==> flow/design.v <==
module gen_multiplier_blk #(
  parameter int NBITS = 4
) (
  input  logic CLK,
  input  logic srst,
  input  logic [NBITS-1:0] in_A,
  input  logic [NBITS-1:0] in_B,
  output logic [2*NBITS-1:0] out_p
);
  logic [NBITS-1:0] A_q;
  logic [NBITS-1:0] B_q;
  always_ff @(posedge CLK or posedge srst) begin
    if (srst) begin
      A_q <= 0;
      B_q <= 0;
    end else begin
      A_q <= in_A;
      B_q <= in_B;
    end
  end
  wire [2*NBITS-1:0] lvl [0:NBITS];
  assign lvl[0] = 0;
  for (genvar k = 0; k < NBITS; k++) begin : u_g
    assign lvl[k+1] = lvl[k] + (B_q[k] ? {{NBITS{1'b0}}, A_q} << k : {2*NBITS{1'b0}});
  end
  assign out_p = lvl[NBITS];
endmodule
---- From RTL to reports: gen_multiplier_blk ----
The steps from the RTL of gen_multiplier_blk to its reports follow in flow order.
Line numbers count from 1 in the design file above.
Cell names lack the library's common part.
Not given: -
design
  design top .............................. gen_multiplier_blk
  clock ................................... CLK
  library ................................. sky130hd
  timing corner ........................... tt_025C_1v80

---- Elaborated design ----
Source: Yosys, flattened and elaborated, memories not mapped. Widths are those after wreduce; folded enables and synchronous resets count as part of the registers. Registers that Yosys merges into a memory's read port (data or address) are not register bits. Print and check cells do not count. Equal cells are merged and count once.
storage and ports
  bits in registers ....................... 8
  input port bits ......................... 10
cells by class
  add/subtract/negate cells ............... 3
  mux-type cells .......................... 4
operator list
  operator              count
  adder 7 x 7 -> 8 bit  1
  adder 6 x 6 -> 7 bit  1
  2-to-1 mux 7 bit      1
  adder 4 x 5 -> 6 bit  1
  2-to-1 mux 6 bit      1
  2-to-1 mux 5 bit      1
  2-to-1 mux 4 bit      1

---- Logic depth ----
Yosys ltp: most cells in a row. Word level: on the elaborated netlist, between registers, memories and ports. Mapped: between sequential cells and ports; inverters and the memories' decode and read muxes count.
logic depth
  word-level depth ........................ 4
  ABC_AREA ................................ 0
  gate-level depth with buffers ........... 10
  gate-level depth less buffers ........... 10

---- Synthesis result ----
The flow's flattened synthesis, as Yosys stat reports it; memories are mapped. The netlist is that of the ABC_AREA named above (0 if unset); the other value can give another one.
mapped netlist
  cells in the netlist .................... 51
  chip area (Yosys) ....................... 589.3 sq um
  flip-flop cells ......................... 8
cells by type
  type     count  total area (sq um)
  dfrtp_1  8      200.192
  ha_1     10     125.12
  fa_1     5      100.096
  and2_1   12     75.072
  inv_1    5      18.768
  xnor2_1  2      17.517
  a21o_1   2      15.014
  nand2_1  4      15.014
  a21oi_2  1      8.758
  xor2_1   1      8.758
  a21oi_1  1      5.005

---- Path before layout ----
Source: OpenSTA report_checks on the synthesized netlist (no wires, ideal clock, input and output delay 20% of the period each), path of least setup slack; recovery checks are left aside. Register names are those of the netlist, which keeps one name where synthesis merged equal registers.
timing post-synthesis
  kind .................................... register to output
  from .................................... reg B_q[3]
  to ...................................... out out_p[7]
  period .................................. 4.31 ns
  output delay ............................ 0.862 ns
  time at the first pin ................... 0.000 ns
  arrival ................................. 2.759 ns
  data required time ...................... 3.448 ns
  path slack .............................. 0.689 ns
  delay of the path ....................... 2.759 ns
  stages on the path ...................... 11
  path buffers ............................ 0
  synthesis period reached ................ 3.621 ns
"delay of the path" = arrival - input delay + setup time.
At an output port there is no setup time.
"stages on the path" counts driving pins, that of a launching flip-flop among them; a cell with two outputs on the path counts twice.
"synthesis period reached" is the clock period less the worst setup slack; recovery checks do not enter. This is arithmetic on one report: input and output delays are still those of the set period (20% each).
The rows between start and end are the longest chain of elaborated cells between them; the timing report does not say that the signal goes this way. Where chains are equally long, one stands for them.
Each line given opens the expression or statement behind the cell; cells for indexed reads and writes are added by Yosys, which also makes memories of some case tables.
on the way, post-synthesis
  path through ............................ dfrtp_1 and2_1 fa_1 inv_1 fa_1 inv_1 ha_1 fa_1 a21o_1 a21oi_2 xnor2_1
  cells in the longest elaborated chain ... 2
  elaborated cells on any way between the ends .. 2
ends and longest elaborated chain, post-synthesis
  item                  line  text
  start: declaration    11    logic [NBITS-1:0] B_q;
  start: assignment     15    B_q <= 0;
  start: assignment     18    B_q <= in_B;
  2-to-1 mux 7 bit      24    assign lvl[k+1] = lvl[k] + (B_q[k] ? {{NBITS{1'b0}}, A_q} << k : {2*NBITS{1'b0}});
  adder 7 x 7 -> 8 bit  24
  end: declaration      8     output logic [2*NBITS-1:0] out_p

---- Worst path after layout ----
From the final timing report of run 1: the path of least setup slack in the routed layout; clock arrival at registers is part of the times.
timing post-layout
  kind .................................... register to output
  from .................................... reg A_q[1]
  to ...................................... out out_p[7]
  period .................................. 2.2 ns
  output delay ............................ 0.44 ns
  time at the first pin ................... 0.24 ns
  arrival ................................. 2.98 ns
  data required time ...................... 1.76 ns
  path slack .............................. -1.22 ns
  stages on the path ...................... 12
  path buffers ............................ 1
The rows between start and end are the longest chain of elaborated cells between them; the timing report does not say that the signal goes this way. Where chains are equally long, one stands for them.
on the way, post-layout
  path through ............................ dfrtp_1 and2_4 fa_1 inv_1 fa_1 inv_2 ha_4 fa_2 a21o_1 a21oi_2 xnor2_2 buf_2
  cells in the longest elaborated chain ... 4
  elaborated cells on any way between the ends .. 7
ends and longest elaborated chain, post-layout
  item                  line  text
  start: declaration    10    logic [NBITS-1:0] A_q;
  start: assignment     14    A_q <= 0;
  start: assignment     17    A_q <= in_A;
  2-to-1 mux 4 bit      24    assign lvl[k+1] = lvl[k] + (B_q[k] ? {{NBITS{1'b0}}, A_q} << k : {2*NBITS{1'b0}});
  adder 4 x 5 -> 6 bit  24
  adder 6 x 6 -> 7 bit  24
  adder 7 x 7 -> 8 bit  24
  end: declaration      8     output logic [2*NBITS-1:0] out_p

Add stored flow runs of gen_multiplier_blk

Measured data: module gen_multiplier_blk, platform sky130hd, 3 stored runs of the flow under differing settings, order arbitrary. Input and output delays are each 20% of the period that was set; the output load is 0.01 pF.
"achieved clock period" = clock period - worst setup slack. The figure is calculated, with input and output delays left at 20% of the set period.
"worst path time" means the part of the period allowed to the worst setup path (the constraints hold back 20% at inputs and 20% at outputs) less its slack; where the path has registers, the arrival times of their clocks count too.
"power": no workload was simulated; the value follows from the tool's default switching activity.

======== run 1 ========
==> flow/run.sh <==
#!/bin/bash
# the make line also repeats the synthesis and layout settings of config.mk as NAME=value (left out here)
make -C /OpenROAD-flow-scripts/flow DESIGN_CONFIG=/design/flow/config.mk WORK_HOME=/design/flow/orfs CLKGATE_MAP_FILE= finish
==> flow/config.mk <==
export PLATFORM = sky130hd
export DESIGN_NAME = gen_multiplier_blk
export DESIGN_NICKNAME = gen_multiplier_blk
export VERILOG_FILES = /design/flow/design.v
export SDC_FILE = /design/flow/constraint.sdc
export NUM_CORES = 4
export LEC_CHECK = 0
export CAP_MARGIN = 35
export CELL_PAD_IN_SITES_GLOBAL_PLACEMENT = 2
export CORE_MARGIN = 10
export CORE_UTILIZATION = 36
export GPL_ROUTABILITY_DRIVEN = 0
export MAX_ROUTING_LAYER = met5
export MIN_ROUTING_LAYER = met2
export PLACE_DENSITY_LB_ADDON = 0.1
export SLEW_MARGIN = 20
==> flow/constraint.sdc <==
create_clock -name core_clock -period 2.2 [get_ports {CLK}]
set_input_delay 0.4400 -clock core_clock [delete_from_list [all_inputs] [get_ports {CLK}]]
set_output_delay 0.4400 -clock core_clock [all_outputs]
set_load 0.01 [all_outputs]

-------- measured, run 1 --------
  worst path time ......................... 2.98 ns
  class of the worst setup path ........... register to output
  achieved clock period ................... 3.415 ns
  post-synthesis cell area ................ 589.3 sq um
  full die area ........................... 3655.4 sq um
  power ................................... 0.4754 mW
  post-route setup TNS .................... -4.722 ns
  utilization in the final report ......... 62.3 %
  setup slack of the worst path ........... -1.215 ns
  standard-cell area after routing ........ 949.7 sq um

======== run 2 ========
==> flow/run.sh <==
#!/bin/bash
# the make line also repeats the synthesis and layout settings of config.mk as NAME=value (left out here)
make -C /OpenROAD-flow-scripts/flow DESIGN_CONFIG=/design/flow/config.mk WORK_HOME=/design/flow/orfs CLKGATE_MAP_FILE= finish
==> flow/config.mk <==
export PLATFORM = sky130hd
export DESIGN_NAME = gen_multiplier_blk
export DESIGN_NICKNAME = gen_multiplier_blk
export VERILOG_FILES = /design/flow/design.v
export SDC_FILE = /design/flow/constraint.sdc
export NUM_CORES = 4
export LEC_CHECK = 0
export CAP_MARGIN = 20
export CORE_MARGIN = 2
export CORE_UTILIZATION = 40
export SLEW_MARGIN = 20
==> flow/constraint.sdc <==
create_clock -name core_clock -period 4.31 [get_ports {CLK}]
set_input_delay 0.8620 -clock core_clock [delete_from_list [all_inputs] [get_ports {CLK}]]
set_output_delay 0.8620 -clock core_clock [all_outputs]
set_load 0.01 [all_outputs]

-------- measured, run 2 --------
  worst path time ......................... 3.18 ns
  class of the worst setup path ........... register to output
  achieved clock period ................... 4.045 ns
  post-synthesis cell area ................ 589.3 sq um
  full die area ........................... 1796.5 sq um
  power ................................... 0.2163 mW
  post-route setup TNS .................... 0.000 ns
  utilization in the final report ......... 59.8 %
  setup slack of the worst path ........... 0.265 ns
  standard-cell area after routing ........ 798.3 sq um

======== run 3 ========
==> flow/run.sh <==
#!/bin/bash
# the make line also repeats the synthesis and layout settings of config.mk as NAME=value (left out here)
make -C /OpenROAD-flow-scripts/flow DESIGN_CONFIG=/design/flow/config.mk WORK_HOME=/design/flow/orfs CLKGATE_MAP_FILE= finish
==> flow/config.mk <==
export PLATFORM = sky130hd
export DESIGN_NAME = gen_multiplier_blk
export DESIGN_NICKNAME = gen_multiplier_blk
export VERILOG_FILES = /design/flow/design.v
export SDC_FILE = /design/flow/constraint.sdc
export NUM_CORES = 4
export LEC_CHECK = 0
export ABC_AREA = 0
export CAP_MARGIN = 15
export CELL_PAD_IN_SITES_GLOBAL_PLACEMENT = 2
export CORE_ASPECT_RATIO = 0.59
export CORE_MARGIN = 2
export CORE_UTILIZATION = 53
export GPL_ROUTABILITY_DRIVEN = 0
export GPL_TIMING_DRIVEN = 1
export HOLD_SLACK_MARGIN = 0.28
export MAX_ROUTING_LAYER = met5
export PLACE_DENSITY_LB_ADDON = 0.01
export SETUP_SLACK_MARGIN = -0.03
export SLEW_MARGIN = 10
==> flow/constraint.sdc <==
create_clock -name core_clock -period 5.59 [get_ports {CLK}]
set_input_delay 1.1180 -clock core_clock [delete_from_list [all_inputs] [get_ports {CLK}]]
set_output_delay 1.1180 -clock core_clock [all_outputs]
set_load 0.01 [all_outputs]

-------- run 3 --------
  incomplete, floorplanning halted on PDN-0185
